==> flow/design.v <==
module gen_adder #(
    parameter NBITS = 128
) (
    input  wire clk,
    input  wire RSTN,
    input  wire [NBITS-1:0] dataa,
    input  wire [NBITS-1:0] datab,
    input  wire cin,
    output reg [NBITS-1:0] o,
    output reg carry
);
    wire [NBITS:0] val = dataa + datab + cin;
    always @(posedge clk or negedge RSTN) begin
        if (~RSTN) begin
            o <= 0;
            carry <= 1'b0;
        end else begin
            o <= val[NBITS-1:0];
            carry <= val[NBITS];
        end
    end
endmodule
### Tool chain data of gen_adder

The steps from the RTL of gen_adder to its reports follow in flow order.
Lines are those of the file above, counted from 1.
Cell names lack the library's common part.
Not given: --

| design | value |
|---|---|
| design top | gen_adder |
| clock | clk |
| cell library | sky130hd |
| timing corner | tt_025C_1v80 |

### After elaboration

Source: Yosys, flattened and elaborated, memories not mapped. Widths are those after wreduce; folded enables and synchronous resets count as part of the registers. Registers that Yosys merges into a memory's read port (data or address) are not register bits. Print and check cells do not count. Equal cells are merged and count once.

| word-level totals | value |
|---|---|
| flip-flop bits (word level) | 129 |
| latch bits | 0 |
| RAM bits | 0 |
| memory bits (read-only) | 0 |
| clocked read ports x word width | 0 |
| memories kept | 0 |
| output and inout bits | 129 |

| operators by class | value |
|---|---|
| add/subtract/negate cells | 2 |
| multiply operators | 0 |
| divide/modulo/power cells | 0 |
| magnitude comparators | 0 |
| equal/unequal tests | 0 |
| shift-type cells | 0 |
| mux-type cells | 0 |
| bitwise logic cells | 0 |
| reductions and logical operators | 0 |

Operators with widths:

| operator | number |
|---|---|
| 128-bit by 128-bit adder with 129-bit output | 1 |
| 129-bit by 1-bit adder with 129-bit output | 1 |

### Depth

Longest topological path by Yosys (ltp), each cell counted once; first at word level (registers and memories cut), then after technology mapping (sequential cells cut; the memories' decode and read muxes count).

| depth | value |
|---|---|
| depth after elaboration | 2 |
| ABC_AREA | 1 |
| depth in mapped cells | 16 |

### Netlist

The flow's flattened synthesis, as Yosys stat reports it; memories are mapped. The netlist is that of the ABC_AREA named above (0 if unset); the other value can give another one.

| synthesis totals | value |
|---|---|
| mapped cells | 3273 |
| cell area after synthesis | 0.0174079 mm² |
| area of sequential cells | 0.0032281 mm² |
| mapped flip-flops | 129 |
| buffers | 0 |

Cells by type:

| cell type | number |
|---|---|
| nand2_1 | 1479 |
| dfrtp_1 | 129 |
| inv_1 | 802 |
| ha_1 | 127 |
| nor2_1 | 224 |
| xor2_1 | 64 |
| nand3_1 | 101 |
| a21oi_1 | 98 |
| nor2_2 | 62 |
| nand2_2 | 42 |
| nor2_4 | 15 |
| nand3_2 | 15 |
| nand4_1 | 22 |
| inv_2 | 35 |
| nor3_2 | 11 |
| nor3_1 | 21 |
| fa_1 | 2 |
| o21ai_0 | 8 |

Not listed: further types 7, cells in them 16.

### Path before layout

Source: OpenSTA report_checks on the synthesized netlist (no wires, ideal clock, input and output delay 20% of the period each), path of least setup slack; recovery checks are left aside. Register names are those of the netlist, which keeps one name where synthesis merged equal registers.

| timing after synthesis | value |
|---|---|
| path type | input port to flip-flop |
| start point | input dataa[0] |
| end point | register carry |
| period | 4940 ps |
| input delay | 988 ps |
| setup time | 119 ps |
| launch time at the first pin | 988 ps |
| arrival time | 2782 ps |
| data required time | 4821 ps |
| slack | 2039 ps |
| path delay | 1913 ps |
| driving pins on the path | 14 |
| path buffers | 0 |
| period reached after synthesis | 2901 ps |

"path delay" = arrival - input delay + setup time.
"driving pins on the path" counts driving pins, that of a launching flip-flop among them; a cell with two outputs on the path counts twice.
"period reached after synthesis" = period - worst setup slack (recovery checks aside). The figure is calculated, with input and output delays left at 20% of the set period.
The rows between start and end are the longest chain of elaborated cells between them; the timing report does not say that the signal goes this way. Where chains are equally long, one stands for them.
Each line given opens the expression or statement behind the cell; cells for indexed reads and writes are added by Yosys, which also makes memories of some case tables.

| on the way, after synthesis | value |
|---|---|
| cell sequence | fa_1 -> fa_1 -> nand3_1 -> nand3_1 -> nand2_1 -> nand2_1 -> nand2_1 -> nand2_1 -> nand2_1 -> nand2_1 -> nand3_1 -> nand3_1 -> nand2_1 -> nand2_1 |
| cells in the longest elaborated chain | 2 |
| elaborated cells between the ends (all ways) | 2 |
| source lines of those cells | 1 |

Ends and longest elaborated chain, after synthesis:

| element | RTL line | text |
|---|---|---|
| start, declared | 6 | `input  wire [NBITS-1:0] dataa,` |
| 128-bit by 128-bit adder with 129-bit output | 12 | `wire [NBITS:0] val = dataa + datab + cin;` |
| 129-bit by 1-bit adder with 129-bit output | 12 |  |
| end, assigned | 16 | `carry <= 1'b0;` |
| end, assigned | 19 | `carry <= val[NBITS];` |
| end, declared | 10 | `output reg carry` |

### Worst path after layout

From the final timing report of run 1: the path of least setup slack in the routed layout; clock arrival at registers is part of the times.
The report prints the path's times to 10 ps; the period is as set.

| timing after layout | value |
|---|---|
| path type | input port to flip-flop |
| start point | input dataa[0] |
| end point | register o[100] |
| period | 5190 ps |
| input delay | 1040 ps |
| setup time | 140 ps |
| launch time at the first pin | 1040 ps |
| arrival time | 4000 ps |
| data required time | 5570 ps |
| slack | 1570 ps |
| driving pins on the path | 15 |
| path buffers | 1 |

The rows between start and end are the longest chain of elaborated cells between them; the timing report does not say that the signal goes this way. Where chains are equally long, one stands for them.

| on the way, after layout | value |
|---|---|
| cell sequence | clkdlybuf4s50_1 -> fa_1 -> fa_1 -> nand3_1 -> nand3_1 -> nand3_1 -> nor2_1 -> nor2_1 -> nand2_2 -> nand2_1 -> nand2_1 -> nand2_1 -> nand3_1 -> nand2_1 -> nand2_1 |
| cells in the longest elaborated chain | 2 |
| elaborated cells between the ends (all ways) | 2 |
| source lines of those cells | 1 |

Ends and longest elaborated chain, after layout:

| element | RTL line | text |
|---|---|---|
| start, declared | 6 | `input  wire [NBITS-1:0] dataa,` |
| 128-bit by 128-bit adder with 129-bit output | 12 | `wire [NBITS:0] val = dataa + datab + cin;` |
| 129-bit by 1-bit adder with 129-bit output | 12 |  |
| end, assigned | 15 | `o <= 0;` |
| end, assigned | 18 | `o <= val[NBITS-1:0];` |
| end, declared | 9 | `output reg [NBITS-1:0] o,` |

Appendix: measured runs

3 stored runs of gen_adder in the flow (synthesis by Yosys, layout by OpenROAD, sky130hd cells), in arbitrary order. Constraints: input delay and output delay 20% of the set period each, output load 0.01 pF.
By "critical setup path time" is meant the share of the clock period that the worst setup path is allowed (20% is reserved at inputs, 20% at outputs), minus its slack. Clock arrival times at its registers enter into it.
"total power of the final layout" rests on the timing tool's default activity at the inputs, not on a simulated workload.
"critical setup path time" is known to 10 ps.

## Run 1

==> flow/run.sh <==
#!/bin/bash
# the make line also repeats the synthesis and layout settings of config.mk as NAME=value (left out here)
make -C /OpenROAD-flow-scripts/flow DESIGN_CONFIG=/design/flow/config.mk WORK_HOME=/design/flow/orfs CLKGATE_MAP_FILE= finish
==> flow/config.mk <==
export PLATFORM = sky130hd
export DESIGN_NAME = gen_adder
export DESIGN_NICKNAME = gen_adder
export VERILOG_FILES = /design/flow/design.v
export SDC_FILE = /design/flow/constraint.sdc
export NUM_CORES = 4
export LEC_CHECK = 0
export ABC_AREA = 1
export CAP_MARGIN = 20
export CELL_PAD_IN_SITES_DETAIL_PLACEMENT = 2
export CELL_PAD_IN_SITES_GLOBAL_PLACEMENT = 3
export CORE_MARGIN = 10
export CORE_UTILIZATION = 28
export CTS_CLUSTER_SIZE = 56
export HOLD_SLACK_MARGIN = 0.23
export MIN_ROUTING_LAYER = met1
export SETUP_SLACK_MARGIN = -0.15
export SLEW_MARGIN = 30
==> flow/constraint.sdc <==
create_clock -name core_clock -period 5.19 [get_ports {clk}]
set_input_delay 1.0380 -clock core_clock [delete_from_list [all_inputs] [get_ports {clk}]]
set_output_delay 1.0380 -clock core_clock [all_outputs]
set_load 0.01 [all_outputs]

| result of run 1 | value |
|---|---|
| mapped cell area after synthesis | 0.0174079 mm² |
| die size | 0.072544 mm² |
| standard-cell area of the final layout | 0.0229921 mm² |
| setup slack of the worst path | 1568 ps |
| post-route setup TNS | 0 ps |
| total power of the final layout | 5356 µW |
| critical setup path time | 2580 ps |
| kind of the worst setup path | input port to flip-flop |

## Run 2

==> flow/run.sh <==
#!/bin/bash
# the make line also repeats the synthesis and layout settings of config.mk as NAME=value (left out here)
make -C /OpenROAD-flow-scripts/flow DESIGN_CONFIG=/design/flow/config.mk WORK_HOME=/design/flow/orfs CLKGATE_MAP_FILE= finish
==> flow/config.mk <==
export PLATFORM = sky130hd
export DESIGN_NAME = gen_adder
export DESIGN_NICKNAME = gen_adder
export VERILOG_FILES = /design/flow/design.v
export SDC_FILE = /design/flow/constraint.sdc
export NUM_CORES = 4
export LEC_CHECK = 0
export CAP_MARGIN = 20
export CELL_PAD_IN_SITES_GLOBAL_PLACEMENT = 3
export CORE_ASPECT_RATIO = 1.17
export CORE_MARGIN = 2
export CORE_UTILIZATION = 44
export CTS_CLUSTER_SIZE = 19
export GPL_ROUTABILITY_DRIVEN = 1
export MIN_ROUTING_LAYER = met1
export PLACE_DENSITY_LB_ADDON = 0.01
export SETUP_SLACK_MARGIN = 0.35
export SLEW_MARGIN = 30
export TNS_END_PERCENT = 85
==> flow/constraint.sdc <==
create_clock -name core_clock -period 6.55 [get_ports {clk}]
set_input_delay 1.3100 -clock core_clock [delete_from_list [all_inputs] [get_ports {clk}]]
set_output_delay 1.3100 -clock core_clock [all_outputs]
set_load 0.01 [all_outputs]

Run 2: unfinished; error FLW-0024 in placement

## Run 3

==> flow/run.sh <==
#!/bin/bash
# the make line also repeats the synthesis and layout settings of config.mk as NAME=value (left out here)
make -C /OpenROAD-flow-scripts/flow DESIGN_CONFIG=/design/flow/config.mk WORK_HOME=/design/flow/orfs CLKGATE_MAP_FILE= finish
==> flow/config.mk <==
export PLATFORM = sky130hd
export DESIGN_NAME = gen_adder
export DESIGN_NICKNAME = gen_adder
export VERILOG_FILES = /design/flow/design.v
export SDC_FILE = /design/flow/constraint.sdc
export NUM_CORES = 4
export LEC_CHECK = 0
export CAP_MARGIN = 20
export CORE_MARGIN = 2
export CORE_UTILIZATION = 40
export SLEW_MARGIN = 20
==> flow/constraint.sdc <==
create_clock -name core_clock -period 4.94 [get_ports {clk}]
set_input_delay 0.9880 -clock core_clock [delete_from_list [all_inputs] [get_ports {clk}]]
set_output_delay 0.9880 -clock core_clock [all_outputs]
set_load 0.01 [all_outputs]

| result of run 3 | value |
|---|---|
| mapped cell area after synthesis | 0.0115085 mm² |
| die size | 0.0301439 mm² |
| standard-cell area of the final layout | 0.0163644 mm² |
| setup slack of the worst path | 361 ps |
| post-route setup TNS | 0 ps |
| total power of the final layout | 4843 µW |
| critical setup path time | 3590 ps |
| kind of the worst setup path | input port to flip-flop |
